==> flow/design.v <==
module ex_sum_block_rtl #(
  parameter int WIDTH = 14
) (
  input  logic CLK,
  input  logic [WIDTH-1:0] i_A,
  input  logic [WIDTH-1:0] i_B,
  input  logic i_ci,
  output logic [WIDTH-1:0] o_q,
  output logic o_cout
);
  logic [WIDTH-1:0] A_r;
  logic [WIDTH-1:0] B_r;
  logic ci_r;
  always_ff @(posedge CLK) begin
    A_r <= i_A;
    B_r <= i_B;
    ci_r <= i_ci;
  end
  logic [WIDTH:0] tmp;
  assign tmp = A_r + B_r + ci_r;
  assign o_q = tmp[WIDTH-1:0];
  assign o_cout = tmp[WIDTH];
endmodule
From RTL to reports: ex_sum_block_rtl
What the tools print for ex_sum_block_rtl, step after step.
Line numbers count from 1 in the design file above.
Library cell names are shortened.
A cell with -- has no value.
- design top: ex_sum_block_rtl
- clock: CLK
- standard-cell library: sky130hd
- corner: tt_025C_1v80

After elaboration
Yosys after proc, flatten, opt, wreduce and memory -nomap, before mapping. Enables and synchronous resets that opt folds into registers are not counted as muxes. Memory bits, and registers merged into a memory's read port (data or address), are not among the register bits. Print and check cells are not counted. Equal cells are merged and count once.
- register bits at 29
- bits of input ports: 30
- output and inout bits: 15
- noted word-level cells: 5
- add/subtract/negate cells at 2
- operators with widths (cell ; count):
    adder 14 x 14 -> 15 bit ; 1
    adder 15 x 1 -> 15 bit ; 1

Logic depth
Yosys ltp: most cells in a row. Word level: on the elaborated netlist, between registers, memories and ports. Mapped: between sequential cells and ports; inverters and the memories' decode and read muxes count.
- depth after elaboration: 2
- ABC_AREA: 0
- mapped depth: 8
- mapped depth without buffers at 8

After synthesis
Yosys stat after the flow's synthesis: flattened, memories mapped to cells. It holds for the ABC_AREA given above (unset counts as 0); a run with the other value may have another netlist.
- standard cells after synthesis at 111
- noted synthesis area: 1238.7 um^2
- noted sequential area: 580.6 um^2
- flip-flops at 29
- buffer cells: 0
- cells by type (type ; count ; area in all (um^2)):
    dfxtp_1 ; 29 ; 580.557
    ha_1 ; 13 ; 162.656
    xnor2_1 ; 8 ; 70.067
    a21oi_1 ; 8 ; 40.038
    fa_1 ; 2 ; 40.038
    a21o_1 ; 5 ; 37.536
    a21oi_2 ; 4 ; 35.034
    xor2_1 ; 4 ; 35.034
    nand2_1 ; 5 ; 18.768
    nand2b_1 ; 3 ; 18.768
    nor2b_1 ; 3 ; 18.768
    a21boi_0 ; 2 ; 15.014
    a311oi_2 ; 1 ; 15.014
    inv_1 ; 4 ; 15.014
    nor2_1 ; 4 ; 15.014
    o2111ai_2 ; 1 ; 15.014
    a311o_1 ; 1 ; 10.01
    and4_2 ; 1 ; 10.01
Not listed: further types 12, cells in them 13.

Path before layout
Path of least setup slack by OpenSTA after synthesis, without wires, with an ideal clock, recovery checks aside; 20% of the period is set as input and as output delay. Where synthesis merged equal registers, the netlist keeps one of their names.
- path type: register -> output
- start: register A_r[0]
- end: output o_cout
- period at 2.83 ns
- external output delay at 0.566 ns
- launch time at the first pin at 0.000 ns
- data arrival time at 1.814 ns
- required time at 2.264 ns
- slack: 0.450 ns
- delay of the path at 1.814 ns
- stages at 9
- buffers on the path: 0
- period reached after synthesis: 2.38 ns
"delay of the path" = arrival - input delay + setup time.
A path that ends at an output port has no setup time.
"stages": output pins that drive a net of the path, with the launching flip-flop's if there is one; two outputs of one cell count as two.
"period reached after synthesis" is the clock period less the worst setup slack; recovery checks do not enter. This is arithmetic on one report: input and output delays are still those of the set period (20% each).
Between the ends stands the longest chain of elaborated cells between them, by number of cells; it is not shown to be the way that was timed. Of several equally long chains one is given.
A line is the first line of the expression or statement that the cell stems from. Yosys adds cells for indexed reads and writes and turns some case tables into memories.
- path through: dfxtp_1 -> fa_1 -> inv_1 -> fa_1 -> nand2b_1 -> a21oi_2 -> o2111ai_2 -> nand2_1 -> a311o_1
- noted length of the longest elaborated chain: 2
- noted elaborated cells between the ends (all ways): 2
- RTL lines with such cells: 1
- those cells by class: add/sub: 2
- RTL lines, path post-synthesis (element ; line ; text):
    from (decl) ; 11 ; logic [WIDTH-1:0] A_r;
    from (assign) ; 15 ; A_r <= i_A;
    adder 14 x 14 -> 15 bit ; 20 ; assign tmp = A_r + B_r + ci_r;
    adder 15 x 1 -> 15 bit ; 20 ;
    to (decl) ; 9 ; output logic o_cout

Timing after layout
Path of least setup slack in the final report of stored run 1 (OpenROAD, finished layout, wires in). Where an end is a register, its clock arrival counts in the times.
- path type: register -> output
- start: register A_r[0]
- end: output o_q[12]
- period at 3.44 ns
- external output delay at 0.69 ns
- launch time at the first pin at 0.28 ns
- data arrival time at 2.65 ns
- required time at 2.75 ns
- slack: 0.11 ns
- stages at 10
- buffers on the path: 1
Between the ends stands the longest chain of elaborated cells between them, by number of cells; it is not shown to be the way that was timed. Of several equally long chains one is given.
- path through: dfxtp_1 -> fa_1 -> inv_1 -> fa_2 -> nand2b_4 -> a21oi_2 -> o2111ai_2 -> a31oi_1 -> xor2_1 -> clkdlybuf4s50_1
- noted length of the longest elaborated chain: 2
- noted elaborated cells between the ends (all ways): 2
- RTL lines with such cells: 1
- those cells by class: add/sub: 2
- RTL lines, path post-layout (element ; line ; text):
    from (decl) ; 11 ; logic [WIDTH-1:0] A_r;
    from (assign) ; 15 ; A_r <= i_A;
    adder 14 x 14 -> 15 bit ; 20 ; assign tmp = A_r + B_r + ci_r;
    adder 15 x 1 -> 15 bit ; 20 ;
    to (decl) ; 8 ; output logic [WIDTH-1:0] o_q,

FLOW RESULTS
============

Stored flow runs of ex_sum_block_rtl (3 of them; Yosys, OpenROAD, sky130hd). They differ in their settings and are not a sequence. Constraints: input delay and output delay 20% of the set period each, output load 0.01 pF.
"period reached" means the clock period less the worst setup slack. The figure is calculated, with input and output delays left at 20% of the set period.
"time used up by the worst setup path" means the part of the period allowed to the worst setup path (the constraints hold back 20% at inputs and 20% at outputs) less its slack; where the path has registers, the arrival times of their clocks count too.
"power" is the tool's figure for a default switching activity; nothing was simulated.

Stored run 1
Settings were period_ns = 3.44; CORE_UTILIZATION = 46; PLACE_DENSITY_LB_ADDON = 0.05; CORE_ASPECT_RATIO = 1.84; CORE_MARGIN = 7; CELL_PAD_IN_SITES_DETAIL_PLACEMENT = 1; TNS_END_PERCENT = 45; ABC_AREA = 0; SLEW_MARGIN = 10; MAX_ROUTING_LAYER = met5; CAP_MARGIN = 20
- noted the synthesis area: 1238.7 um^2
- die footprint at 4409.8 um^2
- standard-cell area of the final layout at 1806.7 um^2
- noted the post-route utilization: 0.704
- worst setup slack after layout: 0.106 ns
- noted the summed negative setup slack: 0.000 ns
- post-route worst hold slack: 0.851 ns
- power at 888.3 uW
- noted the period reached: 3.334 ns
- time used up by the worst setup path: 2.65 ns
- kind of the worst setup path: register -> output

Stored run 2
Settings were period_ns = 2.83; CAP_MARGIN = 20; CORE_MARGIN = 2; CORE_UTILIZATION = 40; SLEW_MARGIN = 20
- noted the synthesis area: 1238.7 um^2
- die footprint at 3558.1 um^2
- standard-cell area of the final layout at 1811.7 um^2
- noted the post-route utilization: 0.603
- worst setup slack after layout: -0.011 ns
- noted the summed negative setup slack: -0.011 ns
- post-route worst hold slack: 0.673 ns
- power at 954.3 uW
- noted the period reached: 2.841 ns
- time used up by the worst setup path: 2.28 ns
- kind of the worst setup path: register -> output

Stored run 3
Settings were period_ns = 2.85; CORE_UTILIZATION = 49; PLACE_DENSITY_LB_ADDON = 0.16; HOLD_SLACK_MARGIN = -0.06; CORE_ASPECT_RATIO = 1.8; CELL_PAD_IN_SITES_GLOBAL_PLACEMENT = 3; ABC_AREA = 0; MIN_ROUTING_LAYER = met1; MAX_ROUTING_LAYER = met4; CAP_MARGIN = 20; CORE_MARGIN = 2; SLEW_MARGIN = 20
- no final report: placement broke off with FLW-0024
